==> flow/design.v <==
module u_add_sub_top #(
  parameter int NBITS = 36
) (
  input  logic sys_clk,
  input  logic resetn,
  input  logic [NBITS-1:0] rs1,
  input  logic [NBITS-1:0] rs2,
  input  logic minus,
  output logic [NBITS-1:0] d,
  output logic co
);
  logic [NBITS-1:0] rs1_q;
  always_ff @(posedge sys_clk or negedge resetn) begin
    if (!resetn) begin
      rs1_q <= 0;
    end else begin
      rs1_q <= rs1;
    end
  end
  logic [NBITS-1:0] rs2_q;
  always_ff @(posedge sys_clk or negedge resetn) begin
    if (!resetn) begin
      rs2_q <= 0;
    end else begin
      rs2_q <= rs2;
    end
  end
  logic minus_q;
  always_ff @(posedge sys_clk or negedge resetn) begin
    if (!resetn) begin
      minus_q <= 1'b0;
    end else begin
      minus_q <= minus;
    end
  end
  logic [NBITS-1:0] r;
  logic [NBITS:0] carry;
  assign carry[0] = minus_q;
  for (genvar gi = 0; gi < NBITS; gi++) begin : slice
    fa unit (.a(rs1_q[gi]), .b(rs2_q[gi] ^ minus_q), .ci(carry[gi]), .s(r[gi]), .co(carry[gi+1]));
  end
  always_ff @(posedge sys_clk or negedge resetn) begin
    if (!resetn) begin
      d <= 0;
    end else begin
      d <= r;
    end
  end
  always_ff @(posedge sys_clk or negedge resetn) begin
    if (!resetn) begin
      co <= 1'b0;
    end else begin
      co <= carry[NBITS];
    end
  end
endmodule
module fa (
  input logic a,
  input logic b,
  input logic ci,
  output logic s,
  output logic co
);
  assign s = a ^ b ^ ci;
  assign co = (a & b) | (ci & (a ^ b));
endmodule
# ---- From RTL to reports: u_add_sub_top
# What the tools print for u_add_sub_top, step after step.
# Lines are those of the file above, counted from 1.
# Library cell names are shortened.
# The mark - stands for no value.
dict set report design {
  top_module {u_add_sub_top}
  clock {sys_clk}
  library {sky130hd}
  corner {tt_025C_1v80}
}

# ---- Elaborated design
# Counts by Yosys on the flattened word-level netlist (proc, flatten, opt, wreduce; memories kept). Register bits leave out memories and registers merged into their read ports (data or address); mux counts leave out enables and synchronous resets folded into registers. Print and check cells are left out. Cells with the same type and inputs are merged into one.
dict set report op_classes {
  add_sub_neg 0
  mul 0
  div_mod_pow 0
  compare 0
  equal 0
  shifts 0
  mux 0
  bitwise 216
  reduce_and_logical 0
}
# cell count
set op_table {}
lappend op_table {{bitwise XOR 1 bit} 108}
lappend op_table {{bitwise AND 1 bit} 72}
lappend op_table {{OR 1 bit} 36}
dict set report bits {
  ff_bits 110
  latch_bits 0
  ram_bits 0
  rom_bits 0
  clocked_rd_ports_x_width 0
  mem_count 0
  inputBits 75
  out_inout_bits 37
  wordCells 221
}

# ---- Depth
# Longest topological path by Yosys (ltp), each cell counted once; first at word level (registers and memories cut), then after technology mapping (sequential cells cut; the memories' decode and read muxes count).
dict set report logic_depth {
  depth_word 74
  abc_area 0
  depth_mapped 41
  ltp_nobuf 39
}

# ---- After synthesis
# The flow's flattened synthesis, as Yosys stat reports it; memories are mapped. The netlist is that of the ABC_AREA named above (0 if unset); the other value can give another one.
# The area totals of this step are shown rounded.
# type count type_area_um2
set by_type {}
lappend by_type {dfrtp_1 110 2752.64}
lappend by_type {fa_1 35 700.672}
lappend by_type {xnor2_1 31 271.51}
lappend by_type {inv_1 69 258.998}
lappend by_type {xnor2_2 2 32.531}
lappend by_type {buf_8 2 30.029}
lappend by_type {xor2_1 3 26.275}
lappend by_type {buf_12 1 20.019}
lappend by_type {buf_6 1 11.261}
lappend by_type {mux2i_1 1 10.01}
dict set report synth_totals {
  cell_count 255
  mapped_area_um2 4114
  sequential_area_um2 2753
  ff_cells 110
  buffers 4
}
# By module: a second synthesis without flattening, with its own total; a netlist apart from the flattened one above.
dict set report unflattened {
  cells_unflattened 186
  area_unflattened_um2 3860
}
# Rows give one instance, submodules left out.
# mod instances n_cells area_um2 mod_seq_area_um2
set modules {}
lappend modules {u_add_sub_top 1 150 3139 2753}
lappend modules {fa 36 1 20.0 0.0}

# ---- Worst setup path after synthesis
# Source: OpenSTA report_checks on the synthesized netlist (no wires, ideal clock, input and output delay 20% of the period each), path of least setup slack; recovery checks are left aside. Register names are those of the netlist, which keeps one name where synthesis merged equal registers.
dict set report synth_timing {
  path_kind {reg-to-reg}
  startpoint {register minus_q}
  endpoint {register d[35]}
  tclk_ns 19.6
  setup_ns 0.135
  launch_ns 0.000
  t_arrival_ns 15.524
  t_required_ns 19.465
  setup_slack_ns 3.941
  delay_ns 15.659
  stages 42
  path_buffers 2
  synth_period_reached_ns 15.659
}
# "delay_ns" = arrival - input delay + setup time.
# "stages" counts driving pins, that of a launching flip-flop among them; a cell with two outputs on the path counts twice.
# "synth_period_reached_ns" = period - worst setup slack (recovery checks aside). The figure is calculated, with input and output delays left at 20% of the set period.
# The rows between start and end are the longest chain of elaborated cells between them; the timing report does not say that the signal goes this way. Where chains are equally long, one stands for them.
# Each line given opens the expression or statement behind the cell; cells for indexed reads and writes are added by Yosys, which also makes memories of some case tables.
dict set report synth_between {
  cell_sequence {dfrtp_1 > buf_6 > buf_12 > xnor2_1 > fa_1 > fa_1 > fa_1 > fa_1 > fa_1 > fa_1 > fa_1 > fa_1 > inv_1 > fa_1 > inv_1 > fa_1 > fa_1 > fa_1 > [6 not listed] > fa_1 > fa_1 > fa_1 > fa_1 > fa_1 > fa_1 > fa_1 > fa_1 > fa_1 > fa_1 > fa_1 > fa_1 > fa_1 > fa_1 > fa_1 > fa_1 > inv_1 > fa_1}
  elab_chain_len 73
  cone_cells 178
  classes_between {178 x logic}
}
# item line_no
set synth_lines {}
lappend synth_lines {{from (decl)} 28} ;# logic minus_q;
lappend synth_lines {{from (assign)} 31} ;# minus_q <= 1'b0;
lappend synth_lines {{from (assign)} 33} ;# minus_q <= minus;
lappend synth_lines {{bitwise XOR 1 bit} 40} ;# fa unit (.a(rs1_q[gi]), .b(rs2_q[gi] ^ minus_q), .ci(carry[gi]), .s(r[gi]), .co(carry[gi+1]));
lappend synth_lines {{bitwise XOR 1 bit} 65} ;# assign co = (a & b) | (ci & (a ^ b));
lappend synth_lines {{bitwise AND 1 bit} 65}
lappend synth_lines {{OR 1 bit} 65}
lappend synth_lines {{bitwise AND 1 bit} 65}
lappend synth_lines {{OR 1 bit} 65}
lappend synth_lines {{bitwise AND 1 bit} 65}
lappend synth_lines {{[59 not listed]} -}
lappend synth_lines {{bitwise AND 1 bit} 65}
lappend synth_lines {{OR 1 bit} 65}
lappend synth_lines {{bitwise AND 1 bit} 65}
lappend synth_lines {{OR 1 bit} 65}
lappend synth_lines {{bitwise AND 1 bit} 65}
lappend synth_lines {{OR 1 bit} 65}
lappend synth_lines {{bitwise XOR 1 bit} 64} ;# assign s = a ^ b ^ ci;
lappend synth_lines {{to (assign)} 44} ;# d <= 0;
lappend synth_lines {{to (assign)} 46} ;# d <= r;
lappend synth_lines {{to (decl)} 9} ;# output logic [NBITS-1:0] d,

# ---- Worst path after layout
# Path of least setup slack in the final report of run 1 (OpenROAD, finished layout, wires in). Where an end is a register, its clock arrival counts in the times.
dict set report layout_timing {
  path_kind {reg-to-reg}
  startpoint {register minus_q}
  endpoint {register d[35]}
  tclk_ns 19.6
  setup_ns 0.11
  launch_ns 0.35
  t_arrival_ns 16.14
  t_required_ns 19.84
  setup_slack_ns 3.70
  stages 40
  path_buffers 1
}
# The rows between start and end are the longest chain of elaborated cells between them; the timing report does not say that the signal goes this way. Where chains are equally long, one stands for them.
dict set report layout_between {
  cell_sequence {dfrtp_2 > buf_4 > xnor2_1 > fa_1 > fa_1 > fa_1 > fa_1 > fa_1 > fa_1 > fa_1 > inv_1 > fa_1 > inv_1 > fa_1 > fa_1 > fa_1 > fa_1 > fa_1 > [4 not listed] > fa_1 > fa_1 > fa_1 > fa_1 > fa_1 > fa_1 > fa_1 > fa_1 > fa_1 > fa_1 > fa_1 > fa_1 > fa_1 > fa_1 > fa_1 > fa_1 > inv_1 > fa_1}
  elab_chain_len 73
  cone_cells 178
  classes_between {178 x logic}
}
# item line_no
set layout_lines {}
lappend layout_lines {{from (decl)} 28} ;# logic minus_q;
lappend layout_lines {{from (assign)} 31} ;# minus_q <= 1'b0;
lappend layout_lines {{from (assign)} 33} ;# minus_q <= minus;
lappend layout_lines {{bitwise XOR 1 bit} 40} ;# fa unit (.a(rs1_q[gi]), .b(rs2_q[gi] ^ minus_q), .ci(carry[gi]), .s(r[gi]), .co(carry[gi+1]));
lappend layout_lines {{bitwise XOR 1 bit} 65} ;# assign co = (a & b) | (ci & (a ^ b));
lappend layout_lines {{bitwise AND 1 bit} 65}
lappend layout_lines {{OR 1 bit} 65}
lappend layout_lines {{bitwise AND 1 bit} 65}
lappend layout_lines {{OR 1 bit} 65}
lappend layout_lines {{bitwise AND 1 bit} 65}
lappend layout_lines {{[59 not listed]} -}
lappend layout_lines {{bitwise AND 1 bit} 65}
lappend layout_lines {{OR 1 bit} 65}
lappend layout_lines {{bitwise AND 1 bit} 65}
lappend layout_lines {{OR 1 bit} 65}
lappend layout_lines {{bitwise AND 1 bit} 65}
lappend layout_lines {{OR 1 bit} 65}
lappend layout_lines {{bitwise XOR 1 bit} 64} ;# assign s = a ^ b ^ ci;
lappend layout_lines {{to (assign)} 44} ;# d <= 0;
lappend layout_lines {{to (assign)} 46} ;# d <= r;
lappend layout_lines {{to (decl)} 9} ;# output logic [NBITS-1:0] d,

u_add_sub_top through Yosys and OpenROAD on sky130hd: 3 stored runs, unordered, with their settings and measured results. The constraints put input and output delay at 20% of the set period each and load the outputs with 0.01 pF.
"achieved_period_ns": clock period set for the run, less the worst setup slack. It is reckoned from that one timing run; input and output delays stay at 20% of the period that was set.
"timing.worst_path_ns": the worst setup path's part of the clock period (all of it between registers, 20% less for each end at a port) less its slack. A launch clock that arrives late makes it longer, a capture clock that arrives late makes it shorter.
By "fin_power_uw" is meant OpenSTA's value without simulated activity: inputs other than the clock are taken to toggle once in ten clock periods, and the tool carries that through the logic.
Measured values are rounded.

# run 1
==> flow/run.sh <==
#!/bin/bash
# the make line also repeats the synthesis and layout settings of config.mk as NAME=value (left out here)
make -C /OpenROAD-flow-scripts/flow DESIGN_CONFIG=/design/flow/config.mk WORK_HOME=/design/flow/orfs CLKGATE_MAP_FILE= finish
==> flow/config.mk <==
export PLATFORM = sky130hd
export DESIGN_NAME = u_add_sub_top
export DESIGN_NICKNAME = u_add_sub_top
export VERILOG_FILES = /design/flow/design.v
export SDC_FILE = /design/flow/constraint.sdc
export NUM_CORES = 4
export LEC_CHECK = 0
export CAP_MARGIN = 20
export CORE_MARGIN = 2
export CORE_UTILIZATION = 40
export SLEW_MARGIN = 20
==> flow/constraint.sdc <==
create_clock -name core_clock -period 19.6 [get_ports {sys_clk}]
set_input_delay 3.9200 -clock core_clock [delete_from_list [all_inputs] [get_ports {sys_clk}]]
set_output_delay 3.9200 -clock core_clock [all_outputs]
set_load 0.01 [all_outputs]

==> run 1: results <==
synth_area_um2=4114
die_um2=11110
post_route_stdcell_area_um2=5529
finish.utilization_pct=54.5
worst_setup_slack_ns=3.701
tns_setup_ns=0.000
holdWs_ns=0.474
fin_power_uw=509
achieved_period_ns=15.899
timing.worst_path_ns=15.90
critical_path_type="reg-to-reg"

# run 2
==> flow/run.sh <==
#!/bin/bash
# the make line also repeats the synthesis and layout settings of config.mk as NAME=value (left out here)
make -C /OpenROAD-flow-scripts/flow DESIGN_CONFIG=/design/flow/config.mk WORK_HOME=/design/flow/orfs CLKGATE_MAP_FILE= finish
==> flow/config.mk <==
export PLATFORM = sky130hd
export DESIGN_NAME = u_add_sub_top
export DESIGN_NICKNAME = u_add_sub_top
export VERILOG_FILES = /design/flow/design.v
export SDC_FILE = /design/flow/constraint.sdc
export NUM_CORES = 4
export LEC_CHECK = 0
export ABC_AREA = 1
export CAP_MARGIN = 10
export CORE_ASPECT_RATIO = 0.67
export CORE_MARGIN = 2
export CORE_UTILIZATION = 37
export CTS_CLUSTER_DIAMETER = 58
export GPL_ROUTABILITY_DRIVEN = 0
export GPL_TIMING_DRIVEN = 0
export PLACE_DENSITY_LB_ADDON = 0.12
export SETUP_SLACK_MARGIN = 0.02
export SLEW_MARGIN = 30
export TNS_END_PERCENT = 10
==> flow/constraint.sdc <==
create_clock -name core_clock -period 12.1 [get_ports {sys_clk}]
set_input_delay 2.4200 -clock core_clock [delete_from_list [all_inputs] [get_ports {sys_clk}]]
set_output_delay 2.4200 -clock core_clock [all_outputs]
set_load 0.01 [all_outputs]

==> run 2: results <==
synth_area_um2=4380
die_um2=12740
post_route_stdcell_area_um2=6146
finish.utilization_pct=53.3
worst_setup_slack_ns=-1.135
tns_setup_ns=-3.533
holdWs_ns=0.487
fin_power_uw=913.3
achieved_period_ns=13.235
timing.worst_path_ns=13.24
critical_path_type="reg-to-reg"

# run 3
==> flow/run.sh <==
#!/bin/bash
# the make line also repeats the synthesis and layout settings of config.mk as NAME=value (left out here)
make -C /OpenROAD-flow-scripts/flow DESIGN_CONFIG=/design/flow/config.mk WORK_HOME=/design/flow/orfs CLKGATE_MAP_FILE= finish
==> flow/config.mk <==
export PLATFORM = sky130hd
export DESIGN_NAME = u_add_sub_top
export DESIGN_NICKNAME = u_add_sub_top
export VERILOG_FILES = /design/flow/design.v
export SDC_FILE = /design/flow/constraint.sdc
export NUM_CORES = 4
export LEC_CHECK = 0
export ABC_AREA = 1
export CAP_MARGIN = 20
export CELL_PAD_IN_SITES_DETAIL_PLACEMENT = 1
export CORE_MARGIN = 4
export CORE_UTILIZATION = 47
export GPL_ROUTABILITY_DRIVEN = 0
export HOLD_SLACK_MARGIN = 0.18
export MAX_ROUTING_LAYER = met4
export MIN_ROUTING_LAYER = met1
export PLACE_DENSITY_LB_ADDON = 0.17
export SETUP_SLACK_MARGIN = 0.07
export SLEW_MARGIN = 20
export TNS_END_PERCENT = 75
==> flow/constraint.sdc <==
create_clock -name core_clock -period 10.8 [get_ports {sys_clk}]
set_input_delay 2.1600 -clock core_clock [delete_from_list [all_inputs] [get_ports {sys_clk}]]
set_output_delay 2.1600 -clock core_clock [all_outputs]
set_load 0.01 [all_outputs]

==> run 3: results <==
synth_area_um2=4380
die_um2=10930
post_route_stdcell_area_um2=5899
finish.utilization_pct=66.4
worst_setup_slack_ns=-2.310
tns_setup_ns=-11.11
holdWs_ns=0.529
fin_power_uw=927.7
achieved_period_ns=13.110
timing.worst_path_ns=13.11
critical_path_type="reg-to-reg"
